==> flow/design.v <==
module multiplier #(
  parameter DWIDTH = 5
) (
  input ck,
  input reset,
  input signed [DWIDTH-1:0] src1_i,
  input signed [DWIDTH-1:0] src2_i,
  output signed [2*DWIDTH-1:0] out_o
);
  reg signed [DWIDTH-1:0] src1_reg;
  always @(posedge ck or posedge reset) begin
    if (reset) begin
      src1_reg <= 0;
    end else begin
      src1_reg <= src1_i;
    end
  end
  reg signed [DWIDTH-1:0] src2_reg;
  always @(posedge ck or posedge reset) begin
    if (reset) begin
      src2_reg <= 0;
    end else begin
      src2_reg <= src2_i;
    end
  end
  assign out_o = src1_reg * src2_reg;
endmodule
# From RTL to reports: multiplier
# Module multiplier in several versions that differ in "DWIDTH"; each step lists the members.
# The file above is the member DWIDTH 5. Line numbers count from 1 in each member's own file.
# Operators carry their Yosys type and port widths (W data, S select, Z words).
# Cell names lack the library's common part.
# The mark - stands for no value.
[design] top_module="multiplier" clock_port="ck" lib="sky130hd" pvt_corner="tt_025C_1v80"

# Members of the sweep
# New or changed lines of each further member against the RTL above, in its own file; lines it lacks are not shown.
[src_changes] DWIDTH=9 line=2 source="parameter DWIDTH = 9"
[src_changes] DWIDTH=14 line=2 source="parameter DWIDTH = 14"
[src_changes] DWIDTH=16 line=2 source="parameter DWIDTH = 16"

# Word-level counts
# Counts by Yosys on the flattened word-level netlist (proc, flatten, opt, wreduce; memories kept). Register bits leave out memories and registers merged into their read ports (data or address); mux counts leave out enables and synchronous resets folded into registers. Print and check cells are left out. Cells with the same type and inputs are merged into one.
[bits] DWIDTH=5 inputBits=12 latch_bits=0 romBits=0 clocked_rd_ports_x_width=0 ram_bits=0 wordCells=3 register_bits=10 mem_count=0 output_inout_bits=10
[bits] DWIDTH=9 inputBits=20 latch_bits=0 romBits=0 clocked_rd_ports_x_width=0 ram_bits=0 wordCells=3 register_bits=18 mem_count=0 output_inout_bits=18
[bits] DWIDTH=14 inputBits=30 latch_bits=0 romBits=0 clocked_rd_ports_x_width=0 ram_bits=0 wordCells=3 register_bits=28 mem_count=0 output_inout_bits=28
[bits] DWIDTH=16 inputBits=34 latch_bits=0 romBits=0 clocked_rd_ports_x_width=0 ram_bits=0 wordCells=3 register_bits=32 mem_count=0 output_inout_bits=32
[op_classes] DWIDTH=5 cmp=0 div_mod_pow=0 n_addsub=0 n_mul=1 shifts=0 mux=0 n_reduce_logical=0 equal=0 bitwise=0
[op_classes] DWIDTH=9 cmp=0 div_mod_pow=0 n_addsub=0 n_mul=1 shifts=0 mux=0 n_reduce_logical=0 equal=0 bitwise=0
[op_classes] DWIDTH=14 cmp=0 div_mod_pow=0 n_addsub=0 n_mul=1 shifts=0 mux=0 n_reduce_logical=0 equal=0 bitwise=0
[op_classes] DWIDTH=16 cmp=0 div_mod_pow=0 n_addsub=0 n_mul=1 shifts=0 mux=0 n_reduce_logical=0 equal=0 bitwise=0
[op_table] DWIDTH=5 operators="1 x $mul A5 B5 Y10"
[op_table] DWIDTH=9 operators="1 x $mul A9 B9 Y18"
[op_table] DWIDTH=14 operators="1 x $mul A14 B14 Y28"
[op_table] DWIDTH=16 operators="1 x $mul A16 B16 Y32"

# Depth
# Yosys ltp: most cells in a row. Word level: on the elaborated netlist, between registers, memories and ports. Mapped: between sequential cells and ports; inverters and the memories' decode and read muxes count.
[logic_depth] DWIDTH=5 word_depth=1 ABC_AREA=0 ltp_mapped=12 mapped_depth_nobuf=12
[logic_depth] DWIDTH=9 word_depth=1 ABC_AREA=0 ltp_mapped=18 mapped_depth_nobuf=17
[logic_depth] DWIDTH=14 word_depth=1 ABC_AREA=0 ltp_mapped=22 mapped_depth_nobuf=20
[logic_depth] DWIDTH=16 word_depth=1 ABC_AREA=0 ltp_mapped=23 mapped_depth_nobuf=21

# After synthesis
# Yosys stat after the flow's synthesis: flattened, memories mapped to cells. It holds for the ABC_AREA given above (unset counts as 0); a run with the other value may have another netlist.
# Totals and module areas in this step are rounded.
[by_type] DWIDTH=5 cell_types="17 x fa_1; 10 x dfrtp_1; 15 x ha_1; 18 x and2_1; 29 x inv_1; 7 x xnor2_1; 3 x nor2b_1; 1 x a211oi_2; 1 x mux2_2; 3 x nand2_1; 3 x nor2_1; 2 x a21oi_1; 2 x o21ai_0; 1 x a21oi_2; 1 x o2111ai_1; 1 x xor2_1; 1 x a21o_1; 1 x o211ai_1; (+6)"
[by_type] DWIDTH=9 cell_types="70 x fa_1; 38 x ha_1; 18 x dfrtp_1; 75 x inv_1; 34 x and2_1; 41 x nand2_1; 14 x xnor2_1; 6 x nor2b_1; 4 x xor2_1; 6 x a21oi_1; 1 x a2111oi_4; 5 x o21ai_0; 6 x clkbuf_1; 3 x o21a_1; 3 x nand2b_1; 3 x or3_1; 1 x a41oi_2; 2 x a21o_1; (+18)"
[by_type] DWIDTH=14 cell_types="195 x fa_1; 67 x ha_1; 216 x inv_1; 28 x dfrtp_1; 106 x and2_1; 84 x nand2_1; 27 x xnor2_1; 29 x clkbuf_1; 20 x a21oi_1; 25 x nor2_1; 13 x o21ai_0; 7 x a21o_1; 3 x a2111oi_2; 6 x nand2b_1; 5 x o21bai_1; 4 x a211oi_1; 3 x xor2_1; 3 x nand4_1; (+39)"
[by_type] DWIDTH=16 cell_types="262 x fa_1; 293 x inv_1; 82 x ha_1; 32 x dfrtp_1; 123 x and2_1; 130 x nand2_1; 25 x xnor2_1; 17 x a21o_1; 34 x clkbuf_1; 12 x xor2_1; 18 x a21oi_1; 23 x nor2_1; 9 x o21ai_0; 8 x nor3_1; 3 x a211oi_2; 6 x nand4_1; 7 x nand3_1; 5 x a31oi_1; (+37)"
# A list marked (+n) leaves out that many cells.
[synth_totals] DWIDTH=5 ffs=10 buf_cells=0 sequential_area_mm2=0.00025 mapped_area_mm2=0.00123 cells=122
[synth_totals] DWIDTH=9 ffs=18 buf_cells=6 sequential_area_mm2=0.00045 mapped_area_mm2=0.0035 cells=348
[synth_totals] DWIDTH=14 ffs=28 buf_cells=31 sequential_area_mm2=0.000701 mapped_area_mm2=0.00842 cells=880
[synth_totals] DWIDTH=16 ffs=32 buf_cells=36 sequential_area_mm2=0.000801 mapped_area_mm2=0.0107 cells=1126

# Path before layout
# OpenSTA on the mapped netlist: ideal clock, no wires. The path of least setup slack (recovery checks aside). Input and output delay are each 20% of the period. Register names are those of the netlist, which keeps one name where synthesis merged equal registers.
[synth_timing] DWIDTH=5 path_type="register to output" start="reg src1_reg[0]" end="out out_o[9]" driving_pins=11 clock_period_ps=5180 delay_ps=3315 setup_slack_ps=829 synth_period_reached_ps=4351
[synth_timing] DWIDTH=9 path_type="register to output" start="reg src2_reg[0]" end="out out_o[16]" driving_pins=15 clock_period_ps=6970 delay_ps=4460 setup_slack_ps=1116 synth_period_reached_ps=5854
[synth_timing] DWIDTH=14 path_type="register to output" start="reg src1_reg[13]" end="out out_o[26]" driving_pins=19 clock_period_ps=8550 delay_ps=5471 setup_slack_ps=1369 synth_period_reached_ps=7181
[synth_timing] DWIDTH=16 path_type="register to output" start="reg src1_reg[15]" end="out out_o[29]" driving_pins=21 clock_period_ps=9350 delay_ps=5981 setup_slack_ps=1499 synth_period_reached_ps=7851
# "delay_ps" = arrival - input delay + setup time.
# A path that ends at an output port has no setup time.
# "driving_pins" counts driving pins, that of a launching flip-flop among them; a cell with two outputs on the path counts twice.
# "synth_period_reached_ps" is the clock period less the worst setup slack; recovery checks do not enter. This is arithmetic on one report: input and output delays are still those of the set period (20% each).
# Between the ends stands the longest chain of elaborated cells between them, by number of cells; it is not shown to be the way that was timed. Of several equally long chains one is given.
# Each line given opens the expression or statement behind the cell; cells for indexed reads and writes are added by Yosys, which also makes memories of some case tables.
[synth_via_DWIDTH_5] elab_chain_cells=1
[synth_lines_DWIDTH_5] element="start: declaration" line=10 source="reg signed [DWIDTH-1:0] src1_reg;"
[synth_lines_DWIDTH_5] element="start: assignment" line=13 source="src1_reg <= 0;"
[synth_lines_DWIDTH_5] element="start: assignment" line=15 source="src1_reg <= src1_i;"
[synth_lines_DWIDTH_5] element="$mul A5 B5 Y10" line=26 source="assign out_o = src1_reg * src2_reg;"
[synth_lines_DWIDTH_5] element="end: declaration" line=8 source="output signed [2*DWIDTH-1:0] out_o"
[synth_via_DWIDTH_16] elab_chain_cells=1
[synth_lines_DWIDTH_16] element="start: declaration" line=10 source="reg signed [DWIDTH-1:0] src1_reg;"
[synth_lines_DWIDTH_16] element="start: assignment" line=13 source="src1_reg <= 0;"
[synth_lines_DWIDTH_16] element="start: assignment" line=15 source="src1_reg <= src1_i;"
[synth_lines_DWIDTH_16] element="$mul A16 B16 Y32" line=26 source="assign out_o = src1_reg * src2_reg;"
[synth_lines_DWIDTH_16] element="end: declaration" line=8 source="output signed [2*DWIDTH-1:0] out_o"

# Path in the finished layout
# Path of least setup slack in the final report of each member's run (OpenROAD, finished layout, wires in). Where an end is a register, its clock arrival counts in the times.
# The path's times are printed in steps of 10 ps; the period is the one set.
[layout_timing] DWIDTH=5 path_type="register to output" start="reg src1_reg[0]" end="out out_o[9]" path_buffers=1 clock_period_ps=5180 setup_slack_ps=270 driving_pins=12 arrival_time_ps=3870
[layout_timing] DWIDTH=9 path_type="register to output" start="reg src2_reg[2]" end="out out_o[16]" path_buffers=1 clock_period_ps=6970 setup_slack_ps=270 driving_pins=15 arrival_time_ps=5300
[layout_timing] DWIDTH=14 path_type="register to output" start="reg src2_reg[8]" end="out out_o[25]" path_buffers=1 clock_period_ps=8550 setup_slack_ps=230 driving_pins=20 arrival_time_ps=6610
[layout_timing] DWIDTH=16 path_type="register to output" start="reg src2_reg[8]" end="out out_o[30]" path_buffers=1 clock_period_ps=9350 setup_slack_ps=300 driving_pins=21 arrival_time_ps=7180

# Measured runs
# Settings and results of one run of the flow (Yosys, OpenROAD) for each member follow. The constraints put input and output delay at 20% of the set period each and load the outputs with 0.01 pF.
[flow_settings] CAP_MARGIN=20 CORE_MARGIN=2 CORE_UTILIZATION=40 SLEW_MARGIN=20
[settings_by_member] DWIDTH=5 period_ns=5.18
[settings_by_member] DWIDTH=9 period_ns=6.97
[settings_by_member] DWIDTH=14 period_ns=8.55
[settings_by_member] DWIDTH=16 period_ns=9.35
[results] DWIDTH=5 final_cell_area_mm2=0.0015 final_die_area_mm2=0.00352 synth_chip_area_mm2=0.00123 final_setup_tns_ps=0 setup_ws_ps=274 finish.utilization_pct=50.5
[results] DWIDTH=9 final_cell_area_mm2=0.00405 final_die_area_mm2=0.00952 synth_chip_area_mm2=0.0035 final_setup_tns_ps=0 setup_ws_ps=272 finish.utilization_pct=47.1
[results] DWIDTH=14 final_cell_area_mm2=0.00943 final_die_area_mm2=0.0222 synth_chip_area_mm2=0.00842 final_setup_tns_ps=0 setup_ws_ps=235 finish.utilization_pct=45.3
[results] DWIDTH=16 final_cell_area_mm2=0.0118 final_die_area_mm2=0.0281 synth_chip_area_mm2=0.0107 final_setup_tns_ps=0 setup_ws_ps=297 finish.utilization_pct=45.2
# Measured values are rounded.
